==> flow/design.v <==
module gen_order #(
  parameter integer W = 96
) (
  input logic i_clk,
  input logic RSTN,
  input logic [W-1:0] src1_i,
  input logic [W-1:0] src2_i,
  output logic is_gt_o,
  output logic is_lt_o
);
  logic [W-1:0] src1_ff;
  always_ff @(posedge i_clk or negedge RSTN) begin
    if (!RSTN) begin
      src1_ff <= '0;
    end else begin
      src1_ff <= src1_i;
    end
  end
  logic [W-1:0] src2_ff;
  always_ff @(posedge i_clk or negedge RSTN) begin
    if (!RSTN) begin
      src2_ff <= '0;
    end else begin
      src2_ff <= src2_i;
    end
  end
  logic g;
  logic l;
  always_comb begin
    g = 1'b0;
    l = 1'b0;
    for (int idx = W-1; idx >= 0; idx = idx - 1) begin
      if (!g && !l) begin
        g = src1_ff[idx] & ~src2_ff[idx];
        l = ~src1_ff[idx] & src2_ff[idx];
      end
    end
  end
  assign is_gt_o = g;
  assign is_lt_o = l;
endmodule
From RTL to reports: gen_order

Tool output for the design above, in the order of the flow.
Line numbers count from 1 in the design file above.
Operators carry their Yosys type and port widths (W data, S select, Z words).
A cell with -- has no value.

Top: gen_order
Clock: i_clk
Cell library: sky130hd
Corner: tt_025C_1v80

After elaboration

Yosys after proc, flatten, opt, wreduce and memory -nomap, before mapping. Enables and synchronous resets that opt folds into registers are not counted as muxes. Memory bits, and registers merged into a memory's read port (data or address), are not among the register bits. Print and check cells are not counted. Equal cells are merged and count once.

Bits in registers: 192
Bits of input ports: 194

Mux-type cells: 190
Bitwise gates (word level): 384
Reduce/logical cells: 285

Operators by type and width:

| kind                | count |
| $and A1 B1 Y1       | 192 |
| $not A1 Y1          | 192 |
| $logic_not A1 Y1    | 190 |
| $mux W1             | 190 |
| $logic_and A1 B1 Y1 | 95 |

Logic depth

Longest topological path by Yosys (ltp), each cell counted once; first at word level (registers and memories cut), then after technology mapping (sequential cells cut; the memories' decode and read muxes count).

Depth in word-level cells: 287
ABC_AREA: 0
Gate-level depth with buffers: 10
Depth with buffers taken out: 10

After synthesis

The flow's flattened synthesis, as Yosys stat reports it; memories are mapped. The netlist is that of the ABC_AREA named above (0 if unset); the other value can give another one.

Cells by type:

| cell type                 | count |
| sky130_fd_sc_hd__dfrtp_1  | 192 |
| sky130_fd_sc_hd__maj3_1   | 74 |
| sky130_fd_sc_hd__maj3_2   | 29 |
| sky130_fd_sc_hd__nor2b_1  | 46 |
| sky130_fd_sc_hd__inv_1    | 62 |
| sky130_fd_sc_hd__nand2b_1 | 36 |
| sky130_fd_sc_hd__a21oi_1  | 22 |
| sky130_fd_sc_hd__o21ai_0  | 17 |
| sky130_fd_sc_hd__a21o_1   | 6 |
| sky130_fd_sc_hd__o21ai_1  | 7 |
| sky130_fd_sc_hd__o221ai_1 | 4 |
| sky130_fd_sc_hd__nand2_1  | 7 |
| sky130_fd_sc_hd__and2_1   | 4 |
| sky130_fd_sc_hd__ha_1     | 2 |
| sky130_fd_sc_hd__a211oi_1 | 3 |
| sky130_fd_sc_hd__o21bai_1 | 3 |
| sky130_fd_sc_hd__a21bo_2  | 2 |
| sky130_fd_sc_hd__a2bb2o_4 | 1 |

Other cell types: 23; their cells: 36.

Cells in the netlist: 553
Synthesis area: 7347.0 um^2
Sequential part of the area: 4804.6 um^2
Mapped flip-flops: 192
Buffers: 0

Worst setup path after synthesis

OpenSTA on the mapped netlist: ideal clock, no wires. The path of least setup slack (recovery checks aside). Input and output delay are each 20% of the period. Register names are those of the netlist, which keeps one name where synthesis merged equal registers.

Kind: register -> output
Start: register src1_ff[62]
End: output port is_lt_o
Period: 3570 ps
External output delay: 714 ps
Arrival time: 2285 ps
Setup slack: 571 ps
Delay of the path: 2285 ps
Stages: 10
Period reached after synthesis: 2999 ps

"delay of the path" is the arrival time less input delay plus setup time.
A path that ends at an output port has no setup time.
"stages" counts driving pins, that of a launching flip-flop among them; a cell with two outputs on the path counts twice.
"period reached after synthesis" is the clock period less the worst setup slack; recovery checks do not enter. This is arithmetic on one report: input and output delays are still those of the set period (20% each).
The rows between start and end are the longest chain of elaborated cells between them; the timing report does not say that the signal goes this way. Where chains are equally long, one stands for them.
Each line given opens the expression or statement behind the cell; cells for indexed reads and writes are added by Yosys, which also makes memories of some case tables.

Cells stage by stage: sky130_fd_sc_hd__dfrtp_1 > sky130_fd_sc_hd__nor2b_1 > sky130_fd_sc_hd__maj3_2 > sky130_fd_sc_hd__maj3_2 > sky130_fd_sc_hd__maj3_2 > sky130_fd_sc_hd__a21oi_2 > sky130_fd_sc_hd__nor2_1 > sky130_fd_sc_hd__a221oi_1 > sky130_fd_sc_hd__o221ai_1 > sky130_fd_sc_hd__o21ai_1
Cells in the longest elaborated chain: 189

RTL lines, path post-synthesis:

| what                | line | source |
| start: declaration  | 11   | `logic [W-1:0] src1_ff;` |
| start: assignment   | 14   | `src1_ff <= '0;` |
| start: assignment   | 16   | `src1_ff <= src1_i;` |
| $not A1 Y1          | 35   | `l = ~src1_ff[idx] & src2_ff[idx];` |
| $and A1 B1 Y1       | 35   |  |
| $mux W1             | 33   | `if (!g && !l) begin` |
| $logic_not A1 Y1    | 33   |  |
| $logic_and A1 B1 Y1 | 33   |  |
| $mux W1             | 33   |  |
| $logic_not A1 Y1    | 33   |  |
| (+175 left out)     | --   |  |
| $mux W1             | 33   |  |
| $logic_not A1 Y1    | 33   |  |
| $logic_and A1 B1 Y1 | 33   |  |
| $mux W1             | 33   |  |
| $logic_not A1 Y1    | 33   |  |
| $logic_and A1 B1 Y1 | 33   |  |
| $mux W1             | 33   |  |
| end: declaration    | 9    | `output logic is_lt_o` |

Path in the finished layout

Path of least setup slack in the final report of record 1 (OpenROAD, finished layout, wires in). Where an end is a register, its clock arrival counts in the times.
The path's times are printed in steps of 10 ps; the period is the one set.

Kind: register -> output
Start: register src1_ff[77]
End: output port is_gt_o
Period: 3570 ps
External output delay: 710 ps
Arrival time: 2910 ps
Setup slack: -60 ps
Stages: 12

The rows between start and end are the longest chain of elaborated cells between them; the timing report does not say that the signal goes this way. Where chains are equally long, one stands for them.

Cells stage by stage: sky130_fd_sc_hd__dfrtp_1 > sky130_fd_sc_hd__inv_2 > sky130_fd_sc_hd__a21o_1 > sky130_fd_sc_hd__maj3_2 > sky130_fd_sc_hd__maj3_2 > sky130_fd_sc_hd__maj3_2 > sky130_fd_sc_hd__o21ai_4 > sky130_fd_sc_hd__a221oi_2 > sky130_fd_sc_hd__buf_4 > sky130_fd_sc_hd__a221oi_2 > sky130_fd_sc_hd__a21o_1 > sky130_fd_sc_hd__buf_6
Cells in the longest elaborated chain: 234

RTL lines, path after layout:

| what                | line | source |
| start: declaration  | 11   | `logic [W-1:0] src1_ff;` |
| start: assignment   | 14   | `src1_ff <= '0;` |
| start: assignment   | 16   | `src1_ff <= src1_i;` |
| $not A1 Y1          | 35   | `l = ~src1_ff[idx] & src2_ff[idx];` |
| $and A1 B1 Y1       | 35   |  |
| $mux W1             | 33   | `if (!g && !l) begin` |
| $logic_not A1 Y1    | 33   |  |
| $logic_and A1 B1 Y1 | 33   |  |
| $mux W1             | 33   |  |
| $logic_not A1 Y1    | 33   |  |
| (+220 left out)     | --   |  |
| $mux W1             | 33   |  |
| $logic_not A1 Y1    | 33   |  |
| $logic_and A1 B1 Y1 | 33   |  |
| $mux W1             | 33   |  |
| $logic_not A1 Y1    | 33   |  |
| $logic_and A1 B1 Y1 | 33   |  |
| $mux W1             | 33   |  |
| end: declaration    | 8    | `output logic is_gt_o,` |

Lab notebook: gen_order

Module gen_order, platform sky130hd: 3 stored runs of the flow (Yosys, OpenROAD) with differing settings, in no particular order. Input and output delays are each 20% of the period that was set; the output load is 0.01 pF.
"achieved clock period": clock period set for the run, less the worst setup slack. It is reckoned from that one timing run; input and output delays stay at 20% of the period that was set.
"worst path time" means the part of the period allowed to the worst setup path (the constraints hold back 20% at inputs and 20% at outputs) less its slack; where the path has registers, the arrival times of their clocks count too.
"overall power": no workload was simulated; the value follows from the tool's default switching activity.
"worst path time" is known to 10 ps.

## Record 1

==> flow/run.sh <==
#!/bin/bash
# the make line also repeats the synthesis and layout settings of config.mk as NAME=value (left out here)
make -C /OpenROAD-flow-scripts/flow DESIGN_CONFIG=/design/flow/config.mk WORK_HOME=/design/flow/orfs CLKGATE_MAP_FILE= finish
==> flow/config.mk <==
export PLATFORM = sky130hd
export DESIGN_NAME = gen_order
export DESIGN_NICKNAME = gen_order
export VERILOG_FILES = /design/flow/design.v
export SDC_FILE = /design/flow/constraint.sdc
export NUM_CORES = 4
export LEC_CHECK = 0
export CAP_MARGIN = 20
export CORE_MARGIN = 2
export CORE_UTILIZATION = 40
export SLEW_MARGIN = 20
==> flow/constraint.sdc <==
create_clock -name core_clock -period 3.57 [get_ports {i_clk}]
set_input_delay 0.7140 -clock core_clock [delete_from_list [all_inputs] [get_ports {i_clk}]]
set_output_delay 0.7140 -clock core_clock [all_outputs]
set_load 0.01 [all_outputs]

| result of record 1 | value |
|---|---|
| setup slack of the worst path | -57 ps |
| achieved clock period | 3627 ps |
| overall power | 0.00485 W |
| standard-cell area after routing | 10480.1 um^2 |
| sum of negative setup slack | -96 ps |
| worst path time | 2910 ps |
| type of the worst setup path | register -> output |
| area inside the die boundary | 19467.2 um^2 |
| chip area in the Yosys report | 7347.0 um^2 |
| post-route utilization | 58.3 % |

## Record 2

==> flow/run.sh <==
#!/bin/bash
# the make line also repeats the synthesis and layout settings of config.mk as NAME=value (left out here)
make -C /OpenROAD-flow-scripts/flow DESIGN_CONFIG=/design/flow/config.mk WORK_HOME=/design/flow/orfs CLKGATE_MAP_FILE= finish
==> flow/config.mk <==
export PLATFORM = sky130hd
export DESIGN_NAME = gen_order
export DESIGN_NICKNAME = gen_order
export VERILOG_FILES = /design/flow/design.v
export SDC_FILE = /design/flow/constraint.sdc
export NUM_CORES = 4
export LEC_CHECK = 0
export CAP_MARGIN = 20
export CORE_ASPECT_RATIO = 1.09
export CORE_MARGIN = 4
export CORE_UTILIZATION = 18
export SLEW_MARGIN = 35
==> flow/constraint.sdc <==
create_clock -name core_clock -period 2.43 [get_ports {i_clk}]
set_input_delay 0.4860 -clock core_clock [delete_from_list [all_inputs] [get_ports {i_clk}]]
set_output_delay 0.4860 -clock core_clock [all_outputs]
set_load 0.01 [all_outputs]

| result of record 2 | value |
|---|---|
| setup slack of the worst path | -1086 ps |
| achieved clock period | 3516 ps |
| overall power | 0.007258 W |
| standard-cell area after routing | 10995.5 um^2 |
| sum of negative setup slack | -2160 ps |
| worst path time | 3030 ps |
| type of the worst setup path | register -> output |
| area inside the die boundary | 44115.6 um^2 |
| chip area in the Yosys report | 7347.0 um^2 |
| post-route utilization | 27.2 % |

## Record 3

==> flow/run.sh <==
#!/bin/bash
# the make line also repeats the synthesis and layout settings of config.mk as NAME=value (left out here)
make -C /OpenROAD-flow-scripts/flow DESIGN_CONFIG=/design/flow/config.mk WORK_HOME=/design/flow/orfs CLKGATE_MAP_FILE= finish
==> flow/config.mk <==
export PLATFORM = sky130hd
export DESIGN_NAME = gen_order
export DESIGN_NICKNAME = gen_order
export VERILOG_FILES = /design/flow/design.v
export SDC_FILE = /design/flow/constraint.sdc
export NUM_CORES = 4
export LEC_CHECK = 0
export CAP_MARGIN = 20
export CELL_PAD_IN_SITES_DETAIL_PLACEMENT = 1
export CORE_ASPECT_RATIO = 0.63
export CORE_MARGIN = 8
export CORE_UTILIZATION = 44
export CTS_CLUSTER_SIZE = 73
export GPL_TIMING_DRIVEN = 1
export MAX_ROUTING_LAYER = met4
export SLEW_MARGIN = 5
==> flow/constraint.sdc <==
create_clock -name core_clock -period 2.45 [get_ports {i_clk}]
set_input_delay 0.4900 -clock core_clock [delete_from_list [all_inputs] [get_ports {i_clk}]]
set_output_delay 0.4900 -clock core_clock [all_outputs]
set_load 0.01 [all_outputs]

| result of record 3 | value |
|---|---|
| setup slack of the worst path | -979 ps |
| achieved clock period | 3429 ps |
| overall power | 0.007355 W |
| standard-cell area after routing | 10745.3 um^2 |
| sum of negative setup slack | -1957 ps |
| worst path time | 2940 ps |
| type of the worst setup path | register -> output |
| area inside the die boundary | 21199.4 um^2 |
| chip area in the Yosys report | 7347.0 um^2 |
| post-route utilization | 65.8 % |
